==> flow/design.v <==
module my_selector #(
    parameter int WIDTH = 20,
    parameter int LANES = 6
) (
    input  logic sys_clk,
    input  logic RST,
    input  logic [LANES*WIDTH-1:0] data_in,
    input  logic [LANES-1:0] addr_in,
    output logic [WIDTH-1:0] z_o_out
);
    logic [LANES*WIDTH-1:0] data_d1;
    logic [LANES-1:0] addr_d1;
    always_ff @(posedge sys_clk or posedge RST) begin
        if (RST) begin
            data_d1 <= '0;
            addr_d1 <= '0;
        end else begin
            data_d1 <= data_in;
            addr_d1 <= addr_in;
        end
    end
    logic [WIDTH-1:0] work;
    always_comb begin
        work = '0;
        for (int n = 0; n < LANES; n++)
            work = work | (data_d1[n*WIDTH +: WIDTH] & {WIDTH{addr_d1[n]}});
    end
    always_ff @(posedge sys_clk or posedge RST) begin
        if (RST) begin
            z_o_out <= '0;
        end else begin
            z_o_out <= work;
        end
    end
endmodule
From RTL to reports: my_selector. Tool output for the design above, in the order of the flow. Line numbers count from 1 in the design file above. Operators: Yosys type, input widths -> output width; for muxes data width and select width s. Not given: --

Top module: my_selector. Clock input: sys_clk. Cell library: sky130hd. Timing corner: tt_025C_1v80.

Elaborated design. Counts by Yosys on the flattened word-level netlist (proc, flatten, opt, wreduce; memories kept). Register bits leave out memories and registers merged into their read ports (data or address); mux counts leave out enables and synchronous resets folded into registers. Print and check cells are left out. Cells with the same type and inputs are merged into one.

Input bits: 128. Register bits after elaboration: 146. Output and inout bits: 20.

The figure for bitwise gates (word level) is 11.

Operators by type and width (number): $and 20x20->20 (6); $or 20x20->20 (5).

Depth. Depth = most cells in a row (Yosys ltp): at word level without a register or memory, in the mapped netlist without a sequential cell, where the memories' decode and read muxes count.

The entry for word-level depth reads 6. The entry for ABC_AREA reads 0. Mapped depth: 3.

Netlist. The flow's flattened synthesis, as Yosys stat reports it; memories are mapped. The netlist is that of the ABC_AREA named above (0 if unset); the other value can give another one.

Flip-flops: 146. The entry for cell count reads 239. The figure for synthesis area is 4304.1 um^2. The entry for sequential area reads 3653.5 um^2.

Cell types: sky130_fd_sc_hd__dfrtp_1 (number 146, total area 3.65E+03 um^2); sky130_fd_sc_hd__a22oi_1 (number 60, total area 450.432 um^2); sky130_fd_sc_hd__nand3_1 (number 20, total area 100.096 um^2); sky130_fd_sc_hd__buf_6 (number 5, total area 56.304 um^2); sky130_fd_sc_hd__buf_2 (number 5, total area 25.024 um^2); sky130_fd_sc_hd__buf_4 (number 2, total area 15.014 um^2); sky130_fd_sc_hd__inv_1 (number 1, total area 3.754 um^2).

Worst setup path after synthesis. Path of least setup slack by OpenSTA after synthesis, without wires, with an ideal clock, recovery checks aside; 20% of the period is set as input and as output delay. Where synthesis merged equal registers, the netlist keeps one of their names.

Kind: reg2reg. Start point: reg addr_d1[3]. End point: reg z_o_out[18]. For time at the first pin the number is 0 ps. The figure for data required time is 959 ps. The figure for arrival is 745 ps. Path slack: 214 ps. For clock period the number is 1090 ps. Driving pins on the path: 4. Delay of the path: 876 ps. Synthesis period reached: 876 ps.

"delay of the path" = arrival - input delay + setup time. "driving pins on the path": output pins that drive a net of the path, with the launching flip-flop's if there is one; two outputs of one cell count as two. "synthesis period reached" = period - worst setup slack (recovery checks aside). The figure is calculated, with input and output delays left at 20% of the set period. The rows between start and end are the longest chain of elaborated cells between them; the timing report does not say that the signal goes this way. Where chains are equally long, one stands for them. A line is the first line of the expression or statement that the cell stems from. Yosys adds cells for indexed reads and writes and turns some case tables into memories.

Cell sequence: sky130_fd_sc_hd__dfrtp_1 sky130_fd_sc_hd__buf_4 sky130_fd_sc_hd__a22oi_1 sky130_fd_sc_hd__nand3_1. Under length of the longest elaborated chain stands 4. For elaborated cells on any way between the ends the number is 4.

RTL lines, path post-synthesis: start: declaration (RTL line 12) `logic [LANES-1:0] addr_d1;`; start: assignment (RTL line 16) `addr_d1 <= '0;`; start: assignment (RTL line 19) `addr_d1 <= addr_in;`; $and 20x20->20 (RTL line 26) `work = work | (data_d1[n*WIDTH +: WIDTH] & {WIDTH{addr_d1[n]}});`; $or 20x20->20 (3 in a row) (RTL line 26); end: assignment (RTL line 30) `z_o_out <= '0;`; end: assignment (RTL line 32) `z_o_out <= work;`; end: declaration (RTL line 9) `output logic [WIDTH-1:0] z_o_out`.

Path in the finished layout. Path of least setup slack in the final report of job 1 (OpenROAD, finished layout, wires in). Where an end is a register, its clock arrival counts in the times. The report prints the path's times to 10 ps; the period is as set.

Kind: reg2reg. Start point: reg addr_d1[0]. End point: reg z_o_out[18]. Path slack: -150 ps. The figure for arrival is 1450 ps. For time at the first pin the number is 410 ps. Driving pins on the path: 6. The figure for data required time is 1300 ps. For clock period the number is 1010 ps.

The rows between start and end are the longest chain of elaborated cells between them; the timing report does not say that the signal goes this way. Where chains are equally long, one stands for them.

Cell sequence: sky130_fd_sc_hd__dfrtp_2 sky130_fd_sc_hd__buf_6 sky130_fd_sc_hd__buf_6 sky130_fd_sc_hd__buf_12 sky130_fd_sc_hd__a22oi_2 sky130_fd_sc_hd__nand3_1. Under length of the longest elaborated chain stands 6. For elaborated cells on any way between the ends the number is 6.

RTL lines, path post-layout: start: declaration (RTL line 12) `logic [LANES-1:0] addr_d1;`; start: assignment (RTL line 16) `addr_d1 <= '0;`; start: assignment (RTL line 19) `addr_d1 <= addr_in;`; $and 20x20->20 (RTL line 26) `work = work | (data_d1[n*WIDTH +: WIDTH] & {WIDTH{addr_d1[n]}});`; $or 20x20->20 (5 in a row) (RTL line 26); end: assignment (RTL line 30) `z_o_out <= '0;`; end: assignment (RTL line 32) `z_o_out <= work;`; end: declaration (RTL line 9) `output logic [WIDTH-1:0] z_o_out`.

Ticket comment

my_selector through Yosys and OpenROAD on sky130hd: 3 stored runs, unordered, with their settings and measured results. The constraints put input and output delay at 20% of the set period each and load the outputs with 0.01 pF. "period achieved" is the run's clock period less its worst setup slack. It is reckoned from that one timing run; input and output delays stay at 20% of the period that was set. "allowed time less slack (worst setup path)" = time allowed to the worst setup path (clock period - input delay - output delay, where it has them) - its slack; a late launch clock adds to it, a late capture clock takes from it. "power": no workload was simulated; the value follows from the tool's default switching activity. "allowed time less slack (worst setup path)" is given in steps of 10 ps.

Job 1 has these settings: period_ns 1.01; CORE_UTILIZATION 17; SETUP_SLACK_MARGIN 0.15; PLACE_DENSITY_LB_ADDON 0.21; CORE_MARGIN 8; ABC_AREA 0; SLEW_MARGIN 40; MAX_ROUTING_LAYER met5; CAP_MARGIN 20. The power is 0.01376 W. The period achieved reads 1162 ps. For the utilization in the final report the run shows 30.0 %. The chip area after synthesis (Yosys) reads 4304.1 um^2. The setup total negative slack reads -4238 ps. The standard-cell area of the final layout comes to 7517.2 um^2. For the setup slack of the critical path the run shows -152 ps. The allowed time less slack (worst setup path) is 1160 ps. Critical path kind: reg2reg. The measured area inside the die boundary is 30665.3 um^2.

Job 2 has these settings: period_ns 1.57; CORE_UTILIZATION 64; PLACE_DENSITY_LB_ADDON 0.29; CORE_ASPECT_RATIO 0.59; CELL_PAD_IN_SITES_GLOBAL_PLACEMENT 3; CTS_CLUSTER_SIZE 13; CTS_CLUSTER_DIAMETER 143; CAP_MARGIN 25; MAX_ROUTING_LAYER met5; CORE_MARGIN 2; SLEW_MARGIN 20. Outcome: unfinished; error FLW-0024 in placement.

Job 3 has these settings: period_ns 1.09; CAP_MARGIN 20; CORE_MARGIN 2; CORE_UTILIZATION 40; SLEW_MARGIN 20. The power is 0.012162 W. The period achieved reads 1245 ps. For the utilization in the final report the run shows 63.4 %. The chip area after synthesis (Yosys) reads 4304.1 um^2. The setup total negative slack reads -2614 ps. The standard-cell area of the final layout comes to 6578.8 um^2. For the setup slack of the critical path the run shows -155 ps. The allowed time less slack (worst setup path) is 1030 ps. Critical path kind: reg2out. The measured area inside the die boundary is 11605.8 um^2.
